==> flow/design.v <==
module subtractor #(
    parameter integer WD = 56
) (
    input  logic core_clk,
    input  logic RST,
    input  logic en,
    input  logic [WD-1:0] in0,
    input  logic do_sub,
    output logic [WD-1:0] diff
);
    logic [WD-1:0] r_in0;
    logic r_do_sub;
    assign diff = r_do_sub ? -r_in0 : r_in0;
    always_ff @(posedge core_clk or posedge RST) begin
        if (RST) begin
            r_in0 <= '0;
            r_do_sub <= 1'b0;
        end else if (en) begin
            r_in0 <= in0;
            r_do_sub <= do_sub;
        end
    end
endmodule
Reports on subtractor
The steps from the RTL of subtractor to its reports follow in flow order.
Lines are those of the file above, counted from 1.
Operators carry their Yosys type and port widths (W data, S select, Z words).
A cell with - has no value.
Design
  top module: subtractor
  clock input: core_clk
  cell library: sky130hd
  corner: tt_025C_1v80

Word-level counts
Yosys after proc, flatten, opt, wreduce and memory -nomap, before mapping. Enables and synchronous resets that opt folds into registers are not counted as muxes. Memory bits, and registers merged into a memory's read port (data or address), are not among the register bits. Print and check cells are not counted. Equal cells are merged and count once.
Operators by class
  $add $sub $neg: 1
  mux-type cells: 1
Operator list (count)
  $neg A56 Y56: 1
  $mux W56: 1
Storage and ports
  flip-flop bits (word level): 57
  output and inout port bits: 56
  word-level cells: 4

Logic depth
Longest topological path by Yosys (ltp), each cell counted once; first at word level (registers and memories cut), then after technology mapping (sequential cells cut; the memories' decode and read muxes count).
Logic depth
  depth after elaboration: 2
  ABC_AREA: 0
  mapped depth: 7

After synthesis
The flow's flattened synthesis, as Yosys stat reports it; memories are mapped. The netlist is that of the ABC_AREA named above (0 if unset); the other value can give another one.
Mapped netlist
  cell count: 310
  mapped area: 0.0034896 sq mm
  area of sequential cells: 0.0014264 sq mm
  flip-flops: 57
  buffer cells: 18
Cell types
  sky130_fd_sc_hd__dfrtp_1: count 57, area in all 1.43E+03 sq um
  sky130_fd_sc_hd__mux2_2: count 54, area in all 608.083 sq um
  sky130_fd_sc_hd__xnor2_1: count 54, area in all 472.954 sq um
  sky130_fd_sc_hd__o41ai_2: count 9, area in all 146.39 sq um
  sky130_fd_sc_hd__nand2_1: count 22, area in all 82.579 sq um
  sky130_fd_sc_hd__o31ai_1: count 10, area in all 75.072 sq um
  sky130_fd_sc_hd__o21ai_0: count 14, area in all 70.067 sq um
  sky130_fd_sc_hd__or3_1: count 10, area in all 62.56 sq um
  sky130_fd_sc_hd__o31ai_2: count 4, area in all 50.048 sq um
  sky130_fd_sc_hd__clkbuf_1: count 13, area in all 48.797 sq um
  sky130_fd_sc_hd__or4_1: count 6, area in all 45.043 sq um
  sky130_fd_sc_hd__o21ai_1: count 7, area in all 35.034 sq um
  sky130_fd_sc_hd__o41ai_1: count 4, area in all 35.034 sq um
  sky130_fd_sc_hd__nor4_1: count 5, area in all 31.28 sq um
  sky130_fd_sc_hd__nand4bb_4: count 1, area in all 27.526 sq um
  sky130_fd_sc_hd__nand3_1: count 5, area in all 25.024 sq um
  sky130_fd_sc_hd__or2_2: count 4, area in all 25.024 sq um
  sky130_fd_sc_hd__nor4b_4: count 1, area in all 23.773 sq um
Other cell types: 16; their cells: 30.

Timing after synthesis
Path of least setup slack by OpenSTA after synthesis, without wires, with an ideal clock, recovery checks aside; 20% of the period is set as input and as output delay. Where synthesis merged equal registers, the netlist keeps one of their names.
Timing post-synthesis
  path kind: register to output
  from: register r_in0[19]
  to: output port diff[30]
  period: 3.21 ns
  external output delay: 0.642 ns
  launch time at the first pin: 0.000 ns
  arrival time: 2.052 ns
  slack: 0.516 ns
  delay of the path: 2.052 ns
  stages: 7
  path buffers: 1
  period reached after synthesis: 2.694 ns
"delay of the path" is the arrival time less input delay plus setup time.
At an output port there is no setup time.
"stages" counts driving pins, that of a launching flip-flop among them; a cell with two outputs on the path counts twice.
"period reached after synthesis" = period - worst setup slack (recovery checks aside). The figure is calculated, with input and output delays left at 20% of the set period.
The rows between start and end are the longest chain of elaborated cells between them; the timing report does not say that the signal goes this way. Where chains are equally long, one stands for them.
A line is the first line of the expression or statement that the cell stems from. Yosys adds cells for indexed reads and writes and turns some case tables into memories.
Between the ends, post-synthesis
  cells stage by stage: sky130_fd_sc_hd__dfrtp_1 -> sky130_fd_sc_hd__or4_1 -> sky130_fd_sc_hd__buf_2 -> sky130_fd_sc_hd__or3_1 -> sky130_fd_sc_hd__nand4bb_4 -> sky130_fd_sc_hd__o41ai_2 -> sky130_fd_sc_hd__xnor2_1
  cells in the longest elaborated chain: 2
Ends and longest elaborated chain, post-synthesis
  start, declared: line 11  | logic [WD-1:0] r_in0;
  start, assigned: line 16  | r_in0 <= '0;
  start, assigned: line 19  | r_in0 <= in0;
  $neg A56 Y56: line 13  | assign diff = r_do_sub ? -r_in0 : r_in0;
  $mux W56: line 13
  end, declared: line 9  | output logic [WD-1:0] diff

Worst path after layout
Path of least setup slack in the final report of flow run A (OpenROAD, finished layout, wires in). Where an end is a register, its clock arrival counts in the times.
Timing post-layout
  path kind: register to output
  from: register r_in0[19]
  to: output port diff[40]
  period: 3.92 ns
  external output delay: 0.78 ns
  launch time at the first pin: 0.32 ns
  arrival time: 3.02 ns
  slack: 0.12 ns
  stages: 7
  path buffers: 1
The rows between start and end are the longest chain of elaborated cells between them; the timing report does not say that the signal goes this way. Where chains are equally long, one stands for them.
Between the ends, post-layout
  cells stage by stage: sky130_fd_sc_hd__dfrtp_1 -> sky130_fd_sc_hd__or4_4 -> sky130_fd_sc_hd__or3_1 -> sky130_fd_sc_hd__nand4bb_4 -> sky130_fd_sc_hd__o41ai_2 -> sky130_fd_sc_hd__xnor2_1 -> sky130_fd_sc_hd__clkdlybuf4s50_1
  cells in the longest elaborated chain: 2
Ends and longest elaborated chain, post-layout
  start, declared: line 11  | logic [WD-1:0] r_in0;
  start, assigned: line 16  | r_in0 <= '0;
  start, assigned: line 19  | r_in0 <= in0;
  $neg A56 Y56: line 13  | assign diff = r_do_sub ? -r_in0 : r_in0;
  $mux W56: line 13
  end, declared: line 9  | output logic [WD-1:0] diff

Lab notebook: subtractor

Module subtractor, platform sky130hd: 3 stored runs of the flow (Yosys, OpenROAD) with differing settings, in no particular order. Input and output delays are each 20% of the period that was set; the output load is 0.01 pF.
"achieved clock period" means the clock period less the worst setup slack. The figure is calculated, with input and output delays left at 20% of the set period.
By "power" is meant OpenSTA's value without simulated activity: inputs other than the clock are taken to toggle once in ten clock periods, and the tool carries that through the logic.

Flow run A
==> flow/run.sh <==
#!/bin/bash
# the make line also repeats the synthesis and layout settings of config.mk as NAME=value (left out here)
make -C /OpenROAD-flow-scripts/flow DESIGN_CONFIG=/design/flow/config.mk WORK_HOME=/design/flow/orfs CLKGATE_MAP_FILE= finish
==> flow/config.mk <==
export PLATFORM = sky130hd
export DESIGN_NAME = subtractor
export DESIGN_NICKNAME = subtractor
export VERILOG_FILES = /design/flow/design.v
export SDC_FILE = /design/flow/constraint.sdc
export NUM_CORES = 4
export LEC_CHECK = 0
export ABC_AREA = 0
export CAP_MARGIN = 20
export CELL_PAD_IN_SITES_DETAIL_PLACEMENT = 0
export CORE_MARGIN = 2
export CORE_UTILIZATION = 17
export CTS_CLUSTER_SIZE = 25
export GPL_ROUTABILITY_DRIVEN = 1
export PLACE_DENSITY = 0.81
export SETUP_SLACK_MARGIN = -0.01
export SLEW_MARGIN = 35
==> flow/constraint.sdc <==
create_clock -name core_clock -period 3.92 [get_ports {core_clk}]
set_input_delay 0.7840 -clock core_clock [delete_from_list [all_inputs] [get_ports {core_clk}]]
set_output_delay 0.7840 -clock core_clock [all_outputs]
set_load 0.01 [all_outputs]

==> results of flow run A <==
chip area after synthesis (Yosys): 0.0034896 sq mm
die area: 0.0216885 sq mm
standard-cell area of the final layout: 0.0053664 sq mm
worst setup slack after layout: 0.119 ns
total negative slack: 0.000 ns
power: 2189 uW
achieved clock period: 3.801 ns

Flow run B
==> flow/run.sh <==
#!/bin/bash
# the make line also repeats the synthesis and layout settings of config.mk as NAME=value (left out here)
make -C /OpenROAD-flow-scripts/flow DESIGN_CONFIG=/design/flow/config.mk WORK_HOME=/design/flow/orfs CLKGATE_MAP_FILE= finish
==> flow/config.mk <==
export PLATFORM = sky130hd
export DESIGN_NAME = subtractor
export DESIGN_NICKNAME = subtractor
export VERILOG_FILES = /design/flow/design.v
export SDC_FILE = /design/flow/constraint.sdc
export NUM_CORES = 4
export LEC_CHECK = 0
export CAP_MARGIN = 20
export CORE_MARGIN = 2
export CORE_UTILIZATION = 40
export SLEW_MARGIN = 20
==> flow/constraint.sdc <==
create_clock -name core_clock -period 3.21 [get_ports {core_clk}]
set_input_delay 0.6420 -clock core_clock [delete_from_list [all_inputs] [get_ports {core_clk}]]
set_output_delay 0.6420 -clock core_clock [all_outputs]
set_load 0.01 [all_outputs]

==> results of flow run B <==
chip area after synthesis (Yosys): 0.0034896 sq mm
die area: 0.0094868 sq mm
standard-cell area of the final layout: 0.0055628 sq mm
worst setup slack after layout: -0.036 ns
total negative slack: -0.175 ns
power: 2366 uW
achieved clock period: 3.246 ns

Flow run C
==> flow/run.sh <==
#!/bin/bash
# the make line also repeats the synthesis and layout settings of config.mk as NAME=value (left out here)
make -C /OpenROAD-flow-scripts/flow DESIGN_CONFIG=/design/flow/config.mk WORK_HOME=/design/flow/orfs CLKGATE_MAP_FILE= finish
==> flow/config.mk <==
export PLATFORM = sky130hd
export DESIGN_NAME = subtractor
export DESIGN_NICKNAME = subtractor
export VERILOG_FILES = /design/flow/design.v
export SDC_FILE = /design/flow/constraint.sdc
export NUM_CORES = 4
export LEC_CHECK = 0
export CAP_MARGIN = 30
export CELL_PAD_IN_SITES_GLOBAL_PLACEMENT = 2
export CORE_MARGIN = 2
export CORE_UTILIZATION = 38
export CTS_CLUSTER_DIAMETER = 113
export MIN_ROUTING_LAYER = met1
export PLACE_DENSITY_LB_ADDON = 0.07
export SETUP_SLACK_MARGIN = -0.22
export SLEW_MARGIN = 20
==> flow/constraint.sdc <==
create_clock -name core_clock -period 2.36 [get_ports {core_clk}]
set_input_delay 0.4720 -clock core_clock [delete_from_list [all_inputs] [get_ports {core_clk}]]
set_output_delay 0.4720 -clock core_clock [all_outputs]
set_load 0.01 [all_outputs]

==> results of flow run C <==
chip area after synthesis (Yosys): 0.0034896 sq mm
die area: 0.009966 sq mm
standard-cell area of the final layout: 0.0062835 sq mm
worst setup slack after layout: -0.759 ns
total negative slack: -25.979 ns
power: 3430 uW
achieved clock period: 3.119 ns
